==> flow/design.v <==
module scratch #(
   parameter ENTRIES = 48,
   parameter WD = 6,
   parameter N_READ = 3,
   parameter NW = 1,
   parameter IDX_W = $clog2(ENTRIES)
) (
   input CLK,
   input [NW-1:0] i_we,
   input [NW*IDX_W-1:0] i_write_addr,
   input [NW*WD-1:0] i_d,
   input [N_READ*IDX_W-1:0] i_rd_addr,
   output reg [N_READ*WD-1:0] o_rd
);
   reg [WD-1:0] rf [0:ENTRIES-1];
   integer idx;
   always @(posedge CLK) begin
      for (idx = 0; idx < NW; idx = idx + 1)
         if (i_we[idx]) rf[i_write_addr[idx*IDX_W +: IDX_W]] <= i_d[idx*WD +: WD];
   end
   wire [N_READ*WD-1:0] val;
   genvar j;
   generate
      for (j = 0; j < N_READ; j = j + 1) begin : row
         assign val[j*WD +: WD] = rf[i_rd_addr[j*IDX_W +: IDX_W]];
      end
   endgenerate
   always @(posedge CLK)
      o_rd <= val;
endmodule
# Tool chain data of scratch
# The steps from the RTL of scratch to its reports follow in flow order.
# Line numbers count from 1 in the design file above.
# Operators: Yosys type, input widths -> output width; for muxes data width and select width s.
# Library cell names are shortened.
# The mark -- stands for no value.
# inputs
design,scratch
clock,CLK
library,sky130hd
lib_corner,tt_025C_1v80

# Elaborated design
# Counts by Yosys on the flattened word-level netlist (proc, flatten, opt, wreduce; memories kept). Register bits leave out memories and registers merged into their read ports (data or address); mux counts leave out enables and synchronous resets folded into registers. Print and check cells are left out. Cells with the same type and inputs are merged into one.
# Memory sizes are those after Yosys's memory passes, which may raise the word count (mostly to a power of two), join words into wider ones and drop unused or constant bits.
# op_classes
mux,3
# op_table
cell,count
$mux 6,2
$mux 1,1
# word_totals
regBits,0
ram_bits,288
clocked_rd_ports_x_width,18
mem_count,1
in_bits,32
out_inout_bits,18
# memory_table
name,words,word_bits,read_ports,write_ports,line,text
rf,48,6,3,1,15,reg [WD-1:0] rf [0:ENTRIES-1];

# Logic depth
# Depth = most cells in a row (Yosys ltp): at word level without a register or memory, in the mapped netlist without a sequential cell, where the memories' decode and read muxes count.
# logic_depth
word_depth,1
abc_area,0
mapped_depth,8
ltp_nobuf,5

# Mapped cells and area
# The flow's flattened synthesis, as Yosys stat reports it; memories are mapped. The netlist is that of the ABC_AREA named above (0 if unset); the other value can give another one.
# by_type
cell_type,count,type_area_um2
edfxtp_1,288,8.65E+03
mux2i_1,288,2.88E+03
mux4_2,86,1.94E+03
a22oi_1,72,540.518
dfxtp_1,18,360.346
a22o_1,36,315.302
o41ai_2,18,292.781
a221oi_2,17,255.245
nor2_1,52,195.187
a21oi_1,36,180.173
buf_12,9,180.173
buf_6,16,180.173
a221oi_1,19,166.41
buf_4,19,142.637
nand2_1,30,112.608
o22ai_1,18,112.608
mux4_1,4,105.101
buf_2,20,100.096
# Not listed: further types 13, cells in them 70.
# mapped
mapped_cells,1116
yosys_area_mm2,0.0170939
ffs,306
buf_cells,95

# Path before layout
# OpenSTA on the mapped netlist: ideal clock, no wires. The path of least setup slack (recovery checks aside). Input and output delay are each 20% of the period. Register names are those of the netlist, which keeps one name where synthesis merged equal registers.
# synth_timing
path_type,in2reg
start,in i_rd_addr[13]
end,reg o_rd[13]
period_ps,2480
input_delay_ps,496
setup_ps,136
t_arrival_ps,1947
required_ps,2344
path_slack_ps,398
delay_ps,1587
driving_pins,6
synth_period_reached_ps,2082
# "delay_ps" = arrival - input delay + setup time.
# "driving_pins" counts driving pins, that of a launching flip-flop among them; a cell with two outputs on the path counts twice.
# "synth_period_reached_ps" is the clock period less the worst setup slack; recovery checks do not enter. This is arithmetic on one report: input and output delays are still those of the set period (20% each).
# synth_between
path_cell_list,buf_2 > clkbuf_1 > mux4_2 > mux4_2 > nand2_1 > o41ai_2
# synth_lines
element,line,text
from (decl),12,"input [N_READ*IDX_W-1:0] i_rd_addr,"
to (decl),13,output reg [N_READ*WD-1:0] o_rd
# Chain of elaborated cells between the ends: none given.

# Timing after layout
# Path of least setup slack in the final report of job 2 (OpenROAD, finished layout, wires in). Where an end is a register, its clock arrival counts in the times.
# The path's times are printed in steps of 10 ps; the period is the one set.
# layout_timing
path_type,in2reg
start,in i_rd_addr[15]
end,reg o_rd[16]
period_ps,2240
input_delay_ps,450
setup_ps,150
t_arrival_ps,2440
required_ps,2600
path_slack_ps,160
driving_pins,4
# layout_between
path_cell_list,clkdlybuf4s50_1 > or2_2 > o22ai_1 > o41ai_2
# layout_lines
element,line,text
from (decl),12,"input [N_READ*IDX_W-1:0] i_rd_addr,"
to (decl),13,output reg [N_READ*WD-1:0] o_rd
# Chain of elaborated cells between the ends: none given.

# Measured results for scratch: 3 stored runs of the Yosys and OpenROAD flow on sky130hd. The settings differ; the order carries no meaning. The constraints put input and output delay at 20% of the set period each and load the outputs with 0.01 pF.
# "timing.achieved_period_ps" = clock period - worst setup slack. The figure is calculated, with input and output delays left at 20% of the set period.
# "worstPathTime_ps" is the time allowed to the run's worst setup path (the clock period less input and output delay, where it has them) less its slack. Clock arrival times count: a late capture clock shortens it, a late launch clock lengthens it.
# "power_total_mw": no workload was simulated; the value follows from the tool's default switching activity.
# "worstPathTime_ps" is given in steps of 10 ps.
# Settings: . = not set for that run.
# Among the results, . means that no value is shown for the run.
run,period_ns,CORE_UTILIZATION,SETUP_SLACK_MARGIN,PLACE_DENSITY_LB_ADDON,HOLD_SLACK_MARGIN,CORE_ASPECT_RATIO,CELL_PAD_IN_SITES_DETAIL_PLACEMENT,ABC_AREA,GPL_TIMING_DRIVEN,CTS_CLUSTER_SIZE,CTS_CLUSTER_DIAMETER,CAP_MARGIN,SLEW_MARGIN,MAX_ROUTING_LAYER,CORE_MARGIN,CELL_PAD_IN_SITES_GLOBAL_PLACEMENT,TNS_END_PERCENT,GPL_ROUTABILITY_DRIVEN,timing.achieved_period_ps,power_total_mw,stdcell_area_mm2,hold_ws_ps,ws_setup_ps,worstPathTime_ps,worst_setup_path_type,die_area_mm2,yosys_chip_area_mm2,final_setup_tns_ps
job 1,1.67,61,-0.06,0.07,-0.04,0.97,2,1,0,49,83,40,10,met5,2,.,.,.,.,.,.,.,.,.,.,.,.,.
job 2,2.24,58,0.57,0.06,.,.,1,.,.,.,.,20,20,met5,2,2,100,1,2079,14.151,0.021134,561,161,1630,in2reg,0.0308617,0.0170939,0
job 3,2.48,40,.,.,.,.,.,.,.,.,.,20,20,.,2,.,.,.,2364,12.638,0.0206686,352,116,1870,in2reg,0.044405,0.0170939,0
# Job 1: not finished: placement ended with error DPL-0033
